==> flow/design.v <==
module ex_sum_block_rtl #(
  parameter int WIDTH = 32
) (
  input  logic CLK,
  input  logic [WIDTH-1:0] i_A,
  input  logic [WIDTH-1:0] i_B,
  input  logic i_ci,
  output logic [WIDTH-1:0] o_q,
  output logic o_cout
);
  logic [WIDTH-1:0] A_r;
  logic [WIDTH-1:0] B_r;
  logic ci_r;
  always_ff @(posedge CLK) begin
    A_r <= i_A;
    B_r <= i_B;
    ci_r <= i_ci;
  end
  logic [WIDTH:0] tmp;
  assign tmp = A_r + B_r + ci_r;
  assign o_q = tmp[WIDTH-1:0];
  assign o_cout = tmp[WIDTH];
endmodule
# Step by step through the tools: ex_sum_block_rtl
# The steps from the RTL of ex_sum_block_rtl to its reports follow in flow order.
# Lines are those of the file above, counted from 1.
# Library cell names are shortened.
# Not given: --
[inputs]
design = "ex_sum_block_rtl"
clk_port = "CLK"
library = "sky130hd"
lib_corner = "tt_025C_1v80"

# Word-level counts
# Counts by Yosys on the flattened word-level netlist (proc, flatten, opt, wreduce; memories kept). Register bits leave out memories and registers merged into their read ports (data or address); mux counts leave out enables and synchronous resets folded into registers. Print and check cells are left out. Cells with the same type and inputs are merged into one.
[op_classes]
add_sub_neg = 2
[ops]
columns = ["operator", "count"]
rows = [
  ["adder 32 x 32 -> 33 bit", 1],
  ["adder 33 x 1 -> 33 bit", 1],
]
[bits]
register_bits = 65
in_bits = 66
out_inout_bits = 33
word_cells = 5

# Logic depth
# Longest topological path by Yosys (ltp), each cell counted once; first at word level (registers and memories cut), then after technology mapping (sequential cells cut; the memories' decode and read muxes count).
[logic_depth]
depth_word = 2
abc_area = 0
ltp_mapped = 9

# Netlist
# Yosys stat after the flow's synthesis: flattened, memories mapped to cells. It holds for the ABC_AREA given above (unset counts as 0); a run with the other value may have another netlist.
# Totals and module areas in this step are rounded.
[mapped]
mapped_area_um2 = 3000
cells = 310
seq_area_um2 = 1300
flip_flops = 65
[types]
columns = ["type", "count"]
rows = [
  ["dfxtp_1", 65],
  ["ha_1", 31],
  ["a21o_1", 23],
  ["a21oi_1", 29],
  ["xnor2_1", 14],
  ["xor2_1", 13],
  ["o21ai_0", 17],
  ["nand2_1", 21],
  ["nor2_1", 13],
  ["a31oi_1", 7],
  ["clkbuf_1", 11],
  ["fa_1", 2],
  ["nand3_1", 7],
  ["o21bai_1", 4],
  ["nand4_1", 4],
  ["a211oi_1", 3],
  ["o31ai_1", 3],
  ["a221o_1", 2],
]
# Not listed: further types 26, cells in them 41.

# Path before layout
# OpenSTA on the mapped netlist: ideal clock, no wires. The path of least setup slack (recovery checks aside). Input and output delay are each 20% of the period. Register names are those of the netlist, which keeps one name where synthesis merged equal registers.
[synth_timing]
kind = "reg-to-output"
from = "register A_r[0]"
to = "output o_cout"
clock_period_ps = 4160
t_required_ps = 3328
setup_slack_ps = 663
stages = 10
t_first_pin_ps = 0
n_path_buf = 0
delay_ps = 2665
t_arrival_ps = 2665
period_less_setup_slack_ps = 3497
# "delay_ps" is the arrival time less input delay plus setup time.
# A path that ends at an output port has no setup time.
# "stages": output pins that drive a net of the path, with the launching flip-flop's if there is one; two outputs of one cell count as two.
# "period_less_setup_slack_ps" = period - worst setup slack (recovery checks aside). The figure is calculated, with input and output delays left at 20% of the set period.
# The rows between start and end are the longest chain of elaborated cells between them; the timing report does not say that the signal goes this way. Where chains are equally long, one stands for them.
# Each line given opens the expression or statement behind the cell; cells for indexed reads and writes are added by Yosys, which also makes memories of some case tables.
[synth_between]
cell_sequence = "dfxtp_1 > fa_1 > fa_1 > a21o_1 > a221oi_2 > o31ai_2 > a21o_1 > a21oi_2 > a21oi_1 > a221o_1"
elab_chain_cells = 2
cells_between = 2
cone_lines = 1
classes_between = "add/sub: 2"
[synth_rtl]
columns = ["element", "line_no", "source"]
rows = [
  ["start: declaration", 11, "logic [WIDTH-1:0] A_r;"],
  ["start: assignment", 15, "A_r <= i_A;"],
  ["adder 32 x 32 -> 33 bit", 20, "assign tmp = A_r + B_r + ci_r;"],
  ["adder 33 x 1 -> 33 bit", 20, ""],
  ["end: declaration", 9, "output logic o_cout"],
]

# Worst path after layout
# From the final timing report of run A: the path of least setup slack in the routed layout; clock arrival at registers is part of the times.
# The report prints the path's times to 10 ps; the period is as set.
[layout_timing]
kind = "reg-to-output"
from = "register A_r[0]"
to = "output o_q[18]"
t_arrival_ps = 3800
setup_slack_ps = 290
t_first_pin_ps = 330
n_path_buf = 1
clock_period_ps = 5120
stages = 11
t_required_ps = 4100
# The rows between start and end are the longest chain of elaborated cells between them; the timing report does not say that the signal goes this way. Where chains are equally long, one stands for them.
[layout_between]
cell_sequence = "dfxtp_1 > fa_1 > fa_1 > a21o_1 > a221oi_2 > o31ai_2 > a21oi_2 > o22ai_1 > nor4_1 > a311o_1 > clkdlybuf4s50_1"
elab_chain_cells = 2
cells_between = 2
cone_lines = 1
classes_between = "add/sub: 2"
[layout_rtl]
columns = ["element", "line_no", "source"]
rows = [
  ["start: declaration", 11, "logic [WIDTH-1:0] A_r;"],
  ["start: assignment", 15, "A_r <= i_A;"],
  ["adder 32 x 32 -> 33 bit", 20, "assign tmp = A_r + B_r + ci_r;"],
  ["adder 33 x 1 -> 33 bit", 20, ""],
  ["end: declaration", 8, "output logic [WIDTH-1:0] o_q,"],
]

# Design ex_sum_block_rtl on sky130hd. What follows are 3 stored runs of the flow, each under its own settings; their order means nothing. The constraints put input and output delay at 20% of the set period each and load the outputs with 0.01 pF.
# "final_power_uw" rests on the timing tool's default activity at the inputs, not on a simulated workload.
# Results are given in rounded form.

[[run]]
name = "run A"
[run.settings]
period_ns = 5.12
CORE_UTILIZATION = 25
PLACE_DENSITY_LB_ADDON = 0.29
CORE_MARGIN = 5
CELL_PAD_IN_SITES_DETAIL_PLACEMENT = 2
GPL_TIMING_DRIVEN = 1
GPL_ROUTABILITY_DRIVEN = 1
CAP_MARGIN = 20
SLEW_MARGIN = 20
[run.results]
final_stdcell_area_um2 = 4500
synthesis_area_um2 = 3000
timing.hold.ws_ps = 1100
final_util_frac = 0.37
die_footprint_um2 = 14000
worst_setup_slack_ps = 290
final_power_uw = 1600

[[run]]
name = "run B"
[run.settings]
period_ns = 2.48
CORE_UTILIZATION = 65
PLACE_DENSITY_LB_ADDON = 0.16
CORE_ASPECT_RATIO = 0.59
CELL_PAD_IN_SITES_DETAIL_PLACEMENT = 0
ABC_AREA = 1
GPL_TIMING_DRIVEN = 1
GPL_ROUTABILITY_DRIVEN = 0
CTS_CLUSTER_DIAMETER = 380
MIN_ROUTING_LAYER = "met1"
CAP_MARGIN = 20
CORE_MARGIN = 2
SLEW_MARGIN = 20
[run.results]
outcome = "did not finish, clock tree synthesis stopped with DPL-0033"

[[run]]
name = "run C"
[run.settings]
period_ns = 4.16
CAP_MARGIN = 20
CORE_MARGIN = 2
CORE_UTILIZATION = 40
SLEW_MARGIN = 20
[run.results]
final_stdcell_area_um2 = 4400
synthesis_area_um2 = 3000
timing.hold.ws_ps = 930
final_util_frac = 0.61
die_footprint_um2 = 8300
worst_setup_slack_ps = 120
final_power_uw = 1800
